==> flow/design.v <==
module u_mpy_n #(
   parameter WD = 7
) (
   input logic aclk,
   input logic [WD-1:0] in_op_a,
   input logic [WD-1:0] in_op_b,
   input logic [2*WD-1:0] in_op_c,
   output logic [2*WD:0] out_q
);
   logic [WD-1:0] r_op_a;
   logic [WD-1:0] r_op_b;
   logic [2*WD-1:0] r_op_c;
   assign out_q = r_op_a * r_op_b + r_op_c;
   always_ff @(posedge aclk) begin
      r_op_a <= in_op_a;
      r_op_b <= in_op_b;
      r_op_c <= in_op_c;
   end
endmodule
# From RTL to reports: u_mpy_n
# The steps from the RTL of u_mpy_n to its reports follow in flow order.
# Lines are those of the file above, counted from 1.
# Cell names lack the library's common part.
# Not given: -
# inputs
design	u_mpy_n
clock_port	aclk
lib	sky130hd
pvt_corner	tt_025C_1v80

# After elaboration
# Yosys after proc, flatten, opt, wreduce and memory -nomap, before mapping. Enables and synchronous resets that opt folds into registers are not counted as muxes. Memory bits, and registers merged into a memory's read port (data or address), are not among the register bits. Print and check cells are not counted. Equal cells are merged and count once.
# word_totals
elab_cells	5
in_bits	29
clocked_rd_ports_x_width	0
out_inout_bits	15
latch_bits	0
n_memories	0
reg_bits	28
rom_bits	0
ram_bits	0
# classes
muxes	0
reduce_and_logical	0
cmp	0
div	0
n_logic	0
eq_ne	0
mul	1
n_addsub	1
n_shift	0
# op_table
op	count
7-bit by 7-bit multiplier with 14-bit output	1
14-bit by 14-bit adder with 15-bit output	1

# Logic depth
# Yosys ltp: most cells in a row. Word level: on the elaborated netlist, between registers, memories and ports. Mapped: between sequential cells and ports; inverters and the memories' decode and read muxes count.
# depth
depth_word	2
abc_area	0
ltp_mapped	15
depth_no_buf	15

# Netlist
# Source: synth_stat.txt of the flow (Yosys; design flattened, memories mapped). It holds for the ABC_AREA given above (unset counts as 0); a run with the other value may have another netlist.
# Totals and module areas in this step are rounded.
# synth_totals
flip_flops	28
mapped_area_mm2	0.00273
sequential_area_mm2	0.000561
n_buf	1
stdcells	297
# types
type	count	type_area_um2
fa_1	37	740.71
dfxtp_1	28	560.538
ha_1	34	425.408
inv_1	78	292.781
and2_1	32	200.192
nand2_1	22	82.579
a21oi_1	7	35.034
xnor2_1	4	35.034
a211oi_1	4	30.029
a21o_1	4	30.029
nor2_1	8	30.029
mux2i_1	2	20.019
nor3_1	4	20.019
o21ai_0	4	20.019
nand2b_1	3	18.768
o2111ai_1	2	17.517
a21boi_0	2	15.014
or4_1	2	15.014
# Other cell types: 19; their cells: 20.

# Timing after synthesis
# Source: OpenSTA report_checks on the synthesized netlist (no wires, ideal clock, input and output delay 20% of the period each), path of least setup slack; recovery checks are left aside. Register names are those of the netlist, which keeps one name where synthesis merged equal registers.
# synth_path
path_kind	register to output
from	register r_op_a[3]
to	output out_q[12]
arrival_ps	4092
path_stages	16
t_first_pin_ps	0
path_delay_ps	4092
n_path_buf	0
required_time_ps	5112
out_delay_ps	1278
setup_slack_ps	1020
period_ps	6390
period_less_setup_slack_ps	5370
# "path_delay_ps" is the arrival time less input delay plus setup time.
# At an output port there is no setup time.
# "path_stages": output pins that drive a net of the path, with the launching flip-flop's if there is one; two outputs of one cell count as two.
# "period_less_setup_slack_ps" is the clock period less the worst setup slack; recovery checks do not enter. This is arithmetic on one report: input and output delays are still those of the set period (20% each).
# The rows between start and end are the longest chain of elaborated cells between them; the timing report does not say that the signal goes this way. Where chains are equally long, one stands for them.
# A line is the first line of the expression or statement that the cell stems from. Yosys adds cells for indexed reads and writes and turns some case tables into memories.
# synth_between
path_cell_list	dfxtp_1 > and2_1 > fa_1 > inv_1 > fa_1 > inv_1 > fa_1 > inv_1 > fa_1 > inv_1 > ha_1 > o21a_2 > o31ai_2 > a211oi_2 > mux2i_1 > or4_1
elab_chain_len	2
cells_between	2
lines_between	1
cone_classes	add/sub: 1; mul: 1
# synth_rtl
item	line_no	rtl
start: declaration	10	logic [WD-1:0] r_op_a;
start: assignment	15	r_op_a <= in_op_a;
7-bit by 7-bit multiplier with 14-bit output	13	assign out_q = r_op_a * r_op_b + r_op_c;
14-bit by 14-bit adder with 15-bit output	13
end: declaration	8	output logic [2*WD:0] out_q

# Timing after layout
# From the final timing report of job 1: the path of least setup slack in the routed layout; clock arrival at registers is part of the times.
# The report prints the path's times to 10 ps; the period is as set.
# layout_path
path_kind	register to output
from	register r_op_a[2]
to	output out_q[11]
t_first_pin_ps	280
setup_slack_ps	140
period_ps	6390
path_stages	14
required_time_ps	5110
out_delay_ps	1280
n_path_buf	1
arrival_ps	4970
# The rows between start and end are the longest chain of elaborated cells between them; the timing report does not say that the signal goes this way. Where chains are equally long, one stands for them.
# layout_between
path_cell_list	dfxtp_2 > and2_1 > fa_1 > fa_1 > fa_1 > inv_1 > fa_1 > inv_1 > ha_1 > a21o_1 > and2_1 > or4_1 > o2111ai_1 > clkdlybuf4s50_1
elab_chain_len	2
cells_between	2
lines_between	1
cone_classes	add/sub: 1; mul: 1
# layout_rtl
item	line_no	rtl
start: declaration	10	logic [WD-1:0] r_op_a;
start: assignment	15	r_op_a <= in_op_a;
7-bit by 7-bit multiplier with 14-bit output	13	assign out_q = r_op_a * r_op_b + r_op_c;
14-bit by 14-bit adder with 15-bit output	13
end: declaration	8	output logic [2*WD:0] out_q

# Flow measurements of u_mpy_n on sky130hd: 2 stored runs with different settings, listed in no order. Input and output delays are each 20% of the period that was set; the output load is 0.01 pF.
# By "achieved_clock_period_ps" is meant the clock period of the run minus its worst setup slack. This is arithmetic on one report: input and output delays are still those of the set period (20% each).
# "worst_path_allowed_less_slack_ps" = time allowed to the worst setup path (clock period - input delay - output delay, where it has them) - its slack; a late launch clock adds to it, a late capture clock takes from it.
# "power.total_uw" rests on the timing tool's default activity at the inputs, not on a simulated workload.
# "worst_path_allowed_less_slack_ps" is given in steps of 10 ps.
# Results are given in rounded form.
# A setting shown as . is not set for that run.
stored run	period_ns	CAP_MARGIN	CORE_MARGIN	CORE_UTILIZATION	SLEW_MARGIN	SETUP_SLACK_MARGIN	PLACE_DENSITY_LB_ADDON	CTS_CLUSTER_SIZE	CTS_CLUSTER_DIAMETER	MIN_ROUTING_LAYER	MAX_ROUTING_LAYER	worst_path_allowed_less_slack_ps	path_kind	achieved_clock_period_ps	hold_ws_ps	setup_tns_ps	power.total_uw	cell_area_final_mm2	die_area_mm2	yosys_chip_area_mm2	setup_worst_slack_ps	final_util_pct
job 1	6.39	20	2	40	20	.	.	.	.	.	.	4970	register to output	6246	1420	0	1210	0.00335	0.00751	0.00273	144	49.9
job 2	3.46	20	2	15	20	-0.24	0.18	51	222	met1	met5	4340	register to output	5028	847	-14200	3220	0.00427	0.0193	0.00273	-1570	23.9
